==> flow/design.v <==
module mem_rtl #(
  parameter NWORDS = 8,
  parameter NBITS = 12,
  parameter AW = $clog2(NWORDS)
) (
  input CLK,
  input wen,
  input [AW-1:0] waddr,
  input [NBITS-1:0] d,
  input [AW-1:0] raddr_a,
  input [AW-1:0] raddr_b,
  output reg [NBITS-1:0] dout_a,
  output reg [NBITS-1:0] dout_b
);
  reg [NBITS-1:0] array [0:NWORDS-1];
  always @(posedge CLK) begin
    if (wen)
      array[waddr] <= d;
  end
  always @(posedge CLK) begin
    dout_a <= array[raddr_a];
    dout_b <= array[raddr_b];
  end
endmodule
# From RTL to reports: mem_rtl
# Tool output for the design above, in the order of the flow.
# Lines are those of the file above, counted from 1.
# Operators: Yosys type, input widths -> output width; for muxes data width and select width s.
# A cell with n/a has no value.
[setup]
top_module = "mem_rtl"
clk_port = "CLK"
library = "sky130hd"
pvt_corner = "tt_025C_1v80"

# After elaboration
# Counts by Yosys on the flattened word-level netlist (proc, flatten, opt, wreduce; memories kept). Register bits leave out memories and registers merged into their read ports (data or address); mux counts leave out enables and synchronous resets folded into registers. Print and check cells are left out. Cells with the same type and inputs are merged into one.
# Memory sizes are those after Yosys's memory passes, which may raise the word count (mostly to a power of two), join words into wider ones and drop unused or constant bits.
[bits]
ff_bits = 0
ram_bits = 96
clocked_rd_ports_x_width = 24
mem_count = 1
input_bits = 23
out_inout_bits = 24
elab_cells = 4
[classes]
mux = 3
[memory_table]
columns = ["name", "size", "width", "rd", "wr", "line_no", "source"]
rows = [
  ["array", 8, 12, 2, 1, 15, "reg [NBITS-1:0] array [0:NWORDS-1];"],
]
[ops]
columns = ["operator", "count"]
rows = [
  ["$mux 12", 1],
  ["$mux 3", 1],
  ["$mux 1", 1],
]

# Logic depth
# Yosys ltp: most cells in a row. Word level: on the elaborated netlist, between registers, memories and ports. Mapped: between sequential cells and ports; inverters and the memories' decode and read muxes count.
[logic_depth]
depth_word = 1
abc_area = 0
depth_mapped = 4
ltp_nobuf = 2

# After synthesis
# Yosys stat after the flow's synthesis: flattened, memories mapped to cells. It holds for the ABC_AREA given above (unset counts as 0); a run with the other value may have another netlist.
# The area totals of this step are shown rounded.
[synth_totals]
cells = 219
yosys_area_um2 = 5000
sequential_area_um2 = 3400
ff_cells = 120
buf_cells = 14
[types]
columns = ["cell_type", "count", "type_area_um2"]
rows = [
  ["sky130_fd_sc_hd__edfxtp_1", 96, 2.88E+03],
  ["sky130_fd_sc_hd__mux4_1", 43, 1.13E+03],
  ["sky130_fd_sc_hd__dfxtp_1", 24, 480.461],
  ["sky130_fd_sc_hd__mux2_2", 24, 270.259],
  ["sky130_fd_sc_hd__mux4_2", 5, 112.608],
  ["sky130_fd_sc_hd__buf_6", 6, 67.565],
  ["sky130_fd_sc_hd__nor2_1", 6, 22.522],
  ["sky130_fd_sc_hd__buf_2", 4, 20.019],
  ["sky130_fd_sc_hd__nand2b_1", 3, 18.768],
  ["sky130_fd_sc_hd__clkbuf_1", 4, 15.014],
  ["sky130_fd_sc_hd__nor3_1", 2, 10.01],
  ["sky130_fd_sc_hd__nand2_1", 2, 7.507],
]

# Timing after synthesis
# Source: OpenSTA report_checks on the synthesized netlist (no wires, ideal clock, input and output delay 20% of the period each), path of least setup slack; recovery checks are left aside. Register names are those of the netlist, which keeps one name where synthesis merged equal registers.
[synth_timing]
path_kind = "in2reg"
startpoint = "in waddr[2]"
endpoint = "mem array[0][0]"
clock_period_ns = 2.25
in_delay_ns = 0.450
setup_ns = 0.396
launch_ns = 0.450
arrival_time_ns = 1.495
required_ns = 1.854
slack_ns = 0.358
delay_ns = 1.441
stages = 2
path_buffers = 0
synth_period_reached_ns = 1.892
# "delay_ns" is the arrival time less input delay plus setup time.
# "stages" counts driving pins, that of a launching flip-flop among them; a cell with two outputs on the path counts twice.
# "synth_period_reached_ns" = period - worst setup slack (recovery checks aside). The figure is calculated, with input and output delays left at 20% of the set period.
# Between the ends stands the longest chain of elaborated cells between them, by number of cells; it is not shown to be the way that was timed. Of several equally long chains one is given.
# A line is the first line of the expression or statement that the cell stems from. Yosys adds cells for indexed reads and writes and turns some case tables into memories.
[synth_between]
cell_sequence = "sky130_fd_sc_hd__nand2b_1 sky130_fd_sc_hd__nor3_1"
elab_chain_cells = 1
cells_between = 1
lines_between = 1
classes_between = "mux (1)"
[synth_lines]
columns = ["item", "line_no", "source"]
rows = [
  ["from (decl)", 8, "input [AW-1:0] waddr,"],
  ["$mux 3", 17, "if (wen)"],
  ["to (decl)", 15, "reg [NBITS-1:0] array [0:NWORDS-1];"],
]

# Worst path after layout
# From the final timing report of flow run 1: the path of least setup slack in the routed layout; clock arrival at registers is part of the times.
[layout_timing]
path_kind = "in2reg"
startpoint = "in raddr_b[0]"
endpoint = "reg dout_b[6]"
clock_period_ns = 2.25
in_delay_ns = 0.45
setup_ns = 0.11
launch_ns = 0.45
arrival_time_ns = 2.06
required_ns = 2.54
slack_ns = 0.49
stages = 4
path_buffers = 2
[layout_between]
cell_sequence = "sky130_fd_sc_hd__clkdlybuf4s50_1 sky130_fd_sc_hd__buf_12 sky130_fd_sc_hd__mux4_1 sky130_fd_sc_hd__mux2_2"
[layout_lines]
columns = ["item", "line_no", "source"]
rows = [
  ["from (decl)", 11, "input [AW-1:0] raddr_b,"],
  ["to (decl)", 13, "output reg [NBITS-1:0] dout_b"],
]
# Chain of elaborated cells between the ends: none given.

# Record of 3 stored runs of the RTL-to-layout flow on mem_rtl, platform sky130hd. The runs are unordered. Constraints: input delay and output delay 20% of the set period each, output load 0.01 pF.
# "achievedPeriod_ns" means the clock period less the worst setup slack. The figure is calculated, with input and output delays left at 20% of the set period.
# "worst_path_ns": the worst setup path's part of the clock period (all of it between registers, 20% less for each end at a port) less its slack. A launch clock that arrives late makes it longer, a capture clock that arrives late makes it shorter.
# "fin_power_mw" is the tool's figure for a default switching activity; nothing was simulated.
# Results are given in rounded form.

[[run]]
name = "flow run 1"
[run.settings]
period_ns = 2.25
CAP_MARGIN = 20
CORE_MARGIN = 2
CORE_UTILIZATION = 40
SLEW_MARGIN = 20
[run.results]
achievedPeriod_ns = 1.763
post_route_stdcell_area_um2 = 6400
fin_power_mw = 5.7
finish.utilization_frac = 0.52
worst_path_ns = 1.31
critical_path_type = "in2reg"
dieArea_um2 = 14000
worst_hold_slack_ns = 0.69
synth_area_um2 = 5000
total_negative_slack_ns = 0.000
timing.setup.ws_ns = 0.49

[[run]]
name = "flow run 2"
[run.settings]
period_ns = 1.6
CORE_UTILIZATION = 31
PLACE_DENSITY = 0.82
CORE_MARGIN = 4
CELL_PAD_IN_SITES_DETAIL_PLACEMENT = 0
TNS_END_PERCENT = 10
GPL_TIMING_DRIVEN = 1
GPL_ROUTABILITY_DRIVEN = 0
CTS_CLUSTER_DIAMETER = 75
CAP_MARGIN = 15
SLEW_MARGIN = 20
[run.results]
worst_path_ns = 1.23
critical_path_type = "reg2out"
total_negative_slack_ns = 0.000
dieArea_um2 = 18000
synth_area_um2 = 5000
achievedPeriod_ns = 1.552
timing.setup.ws_ns = 0.048
finish.utilization_frac = 0.41
worst_hold_slack_ns = 0.64
fin_power_mw = 8.0
post_route_stdcell_area_um2 = 6600

[[run]]
name = "flow run 3"
[run.settings]
period_ns = 3.43
CORE_UTILIZATION = 33
SETUP_SLACK_MARGIN = 0.21
PLACE_DENSITY_LB_ADDON = 0.22
HOLD_SLACK_MARGIN = 0.18
CORE_MARGIN = 4
CELL_PAD_IN_SITES_GLOBAL_PLACEMENT = 0
CELL_PAD_IN_SITES_DETAIL_PLACEMENT = 2
ABC_AREA = 1
CAP_MARGIN = 30
MAX_ROUTING_LAYER = "met5"
SLEW_MARGIN = 20
[run.results]
finish.utilization_frac = 0.42
synth_area_um2 = 5700
timing.setup.ws_ns = 1.4
post_route_stdcell_area_um2 = 7000
total_negative_slack_ns = 0.000
worst_hold_slack_ns = 0.67
achievedPeriod_ns = 2.074
dieArea_um2 = 19000
fin_power_mw = 4.1
worst_path_ns = 1.39
critical_path_type = "reg2out"
